==> flow/design.v <==
module cpu_reg_bank_n #(
   parameter ENTRIES = 64,
   parameter DW = 4,
   parameter ABITS = $clog2(ENTRIES)
) (
   input clock,
   input step,
   input load,
   input [ABITS-1:0] wsel,
   input [DW-1:0] wdata,
   input [ABITS-1:0] raddr,
   output [DW-1:0] read_data
);
   reg [DW-1:0] mem [ENTRIES-1:0];
   always @(posedge clock) begin
      if (step && load)
         mem[wsel] <= wdata;
   end
   assign read_data = mem[raddr];
endmodule
* Tool chain data of cpu_reg_bank_n
The steps from the RTL of cpu_reg_bank_n to its reports follow in flow order. Line numbers count from 1 in the design file above. Operators: Yosys type, input widths -> output width; for muxes data width and select width s. Library cell names are shortened. Not given: n/a
Design: top module cpu_reg_bank_n, clock input clock, standard-cell library sky130hd, library corner tt_025C_1v80

* Elaborated design
Yosys after proc, flatten, opt, wreduce and memory -nomap, before mapping. Enables and synchronous resets that opt folds into registers are not counted as muxes. Memory bits, and registers merged into a memory's read port (data or address), are not among the register bits. Print and check cells are not counted. Equal cells are merged and count once. Yosys's memory passes give these memory sizes; they may raise the number of words (mostly to a power of two), join words into wider ones and drop unused or constant bits.
Word-level totals: memory cells 1, RAM bits 256, output and inout port bits 4, bits in registers 0
Memories:
- mem | depth 64, bits a word 4, read ports 1, write ports 1, line 14 | reg [DW-1:0] mem [ENTRIES-1:0];
Operators by class: multiplexer cells 3, reduce/logical cells 1
Operators with widths (count):
- $mux 6 | 1
- $mux 4 | 1
- $logic_and 1x1->1 | 1
- $mux 1 | 1

* Logic depth
Yosys ltp: most cells in a row. Word level: on the elaborated netlist, between registers, memories and ports. Mapped: between sequential cells and ports; inverters and the memories' decode and read muxes count.
Depth: depth after elaboration 2, ABC_AREA 0, mapped depth 8, depth with buffers taken out 5

* Synthesis result
The flow's flattened synthesis, as Yosys stat reports it; memories are mapped. The netlist is that of the ABC_AREA named above (0 if unset); the other value can give another one.
Synthesis totals: flip-flop cells 256, standard cells after synthesis 521, mapped area 10341.2 µm², sequential area 7687.4 µm², buffer cells 30
Cells by type:
- edfxtp_1 | count 256, area in all 7.69E+03 µm²
- mux4_2 | count 47, area in all 1.06E+03 µm²
- mux4_1 | count 17, area in all 446.678 µm²
- nor2_1 | count 76, area in all 285.274 µm²
- mux2i_1 | count 9, area in all 90.086 µm²
- nand2_1 | count 18, area in all 67.565 µm²
- buf_6 | count 4, area in all 45.043 µm²
- nand3_1 | count 9, area in all 45.043 µm²
- nand3b_1 | count 6, area in all 45.043 µm²
- buf_12 | count 2, area in all 40.038 µm²
- buf_2 | count 8, area in all 40.038 µm²
- nor3_1 | count 8, area in all 40.038 µm²
- nor3b_1 | count 5, area in all 37.536 µm²
- o221ai_1 | count 4, area in all 35.034 µm²
- o22ai_1 | count 5, area in all 31.28 µm²
- buf_4 | count 4, area in all 30.029 µm²
- a311oi_1 | count 3, area in all 26.275 µm²
- clkbuf_1 | count 7, area in all 26.275 µm²
Not listed: further types 18, cells in them 33.

* Timing after synthesis
Source: OpenSTA report_checks on the synthesized netlist (no wires, ideal clock, input and output delay 20% of the period each), path of least setup slack; recovery checks are left aside. Register names are those of the netlist, which keeps one name where synthesis merged equal registers.
Timing path post-synthesis: path kind input port to output port, start input port raddr[0], end output port read_data[0], external output delay 580 ps, data arrival time 1971 ps, required time 2320 ps, delay of the path 1391 ps, stages 8, path slack 349 ps, clock period 2900 ps, period reached after synthesis 2551 ps
"delay of the path" = arrival - input delay + setup time. A path that ends at an output port has no setup time. "stages" counts driving pins, that of a launching flip-flop among them; a cell with two outputs on the path counts twice. "period reached after synthesis" = period - worst setup slack (recovery checks aside). The figure is calculated, with input and output delays left at 20% of the set period. The rows between start and end are the longest chain of elaborated cells between them; the timing report does not say that the signal goes this way. Where chains are equally long, one stands for them. A line is the first line of the expression or statement that the cell stems from. Yosys adds cells for indexed reads and writes and turns some case tables into memories. The chain passes a memory read, where the word-level depth is cut; so it can be longer than that depth.
Between the ends, post-synthesis: path through buf_6 > buf_12 > buf_12 > mux4_2 > a22oi_1 > nand3_1 > o32ai_1 > nand2_1, length of the longest elaborated chain 1
RTL lines, path post-synthesis:
- start: declaration | line 11 | input [ABITS-1:0] raddr,
- $mem_v2 64x4 | line 14 | reg [DW-1:0] mem [ENTRIES-1:0];
- end: declaration | line 12 | output [DW-1:0] read_data

* Timing after layout
Path of least setup slack in the final report of job 1 (OpenROAD, finished layout, wires in). Where an end is a register, its clock arrival counts in the times. The report prints the path's times to 10 ps; the period is as set.
Timing path after layout: path kind input port to output port, start input port raddr[4], end output port read_data[3], external output delay 370 ps, clock period 1870 ps, path slack -770 ps, stages 7, data arrival time 2260 ps, required time 1500 ps
The rows between start and end are the longest chain of elaborated cells between them; the timing report does not say that the signal goes this way. Where chains are equally long, one stands for them. The chain passes a memory read, where the word-level depth is cut; so it can be longer than that depth.
Between the ends, after layout: path through clkdlybuf4s50_1 > buf_4 > mux2i_1 > a311oi_1 > nand2_1 > nand2_4 > buf_6, length of the longest elaborated chain 1
RTL lines, path after layout:
- start: declaration | line 11 | input [ABITS-1:0] raddr,
- $mem_v2 64x4 | line 14 | reg [DW-1:0] mem [ENTRIES-1:0];
- end: declaration | line 12 | output [DW-1:0] read_data

Settings and measured results of 3 stored flow runs for module cpu_reg_bank_n (sky130hd), not sorted in any way. The constraints put input and output delay at 20% of the set period each and load the outputs with 0.01 pF.
"reached clock period": clock period set for the run, less the worst setup slack. It is reckoned from that one timing run; input and output delays stay at 20% of the period that was set.
By "allowed time less slack (worst setup path)" is meant the share of the clock period that the worst setup path is allowed (20% is reserved at inputs, 20% at outputs), minus its slack. Clock arrival times at its registers enter into it.
"total design power" is the tool's figure for a default switching activity; nothing was simulated.
"allowed time less slack (worst setup path)" is known to 10 ps.

* Job 1 | settings: period_ns 1.87; CORE_UTILIZATION 54; SETUP_SLACK_MARGIN 0.04; PLACE_DENSITY_LB_ADDON 0.13; CORE_ASPECT_RATIO 0.75; CELL_PAD_IN_SITES_GLOBAL_PLACEMENT 2; TNS_END_PERCENT 50; CTS_CLUSTER_SIZE 74; CAP_MARGIN 30; MIN_ROUTING_LAYER met2; MAX_ROUTING_LAYER met5; CORE_MARGIN 2; SLEW_MARGIN 20 | results: total design power 12.035 mW; post-route utilization 68.6%; mapped cell area after synthesis 10341.2 µm²; worst hold slack in the final report 397 ps; allowed time less slack (worst setup path) 1890 ps; kind of the worst setup path input port to output port; setup TNS -3018 ps; worst setup slack after layout -767 ps; overall die area 20284.6 µm²; standard-cell area after layout 12766.0 µm²; reached clock period 2637 ps
* Job 2 | settings: period_ns 2.9; CAP_MARGIN 20; CORE_MARGIN 2; CORE_UTILIZATION 40; SLEW_MARGIN 20 | results: standard-cell area after layout 12385.6 µm²; allowed time less slack (worst setup path) 1780 ps; kind of the worst setup path input port to output port; worst hold slack in the final report 401 ps; post-route utilization 49.0%; setup TNS -42 ps; worst setup slack after layout -42 ps; overall die area 27155.7 µm²; mapped cell area after synthesis 10341.2 µm²; reached clock period 2942 ps; total design power 7.782 mW
* Job 3 | settings: period_ns 3.84; CORE_UTILIZATION 46; SETUP_SLACK_MARGIN 0.27; PLACE_DENSITY_LB_ADDON 0.14; CORE_ASPECT_RATIO 1.29; CELL_PAD_IN_SITES_GLOBAL_PLACEMENT 0; CELL_PAD_IN_SITES_DETAIL_PLACEMENT 1; ABC_AREA 0; CTS_CLUSTER_DIAMETER 67; CAP_MARGIN 35; CORE_MARGIN 2; SLEW_MARGIN 20 | results: overall die area 23705.9 µm²; mapped cell area after synthesis 10341.2 µm²; post-route utilization 53.9%; worst hold slack in the final report 692 ps; total design power 5.941 mW; standard-cell area after layout 11961.5 µm²; worst setup slack after layout 364 ps; reached clock period 3476 ps; allowed time less slack (worst setup path) 1940 ps; kind of the worst setup path input port to output port; setup TNS 0 ps
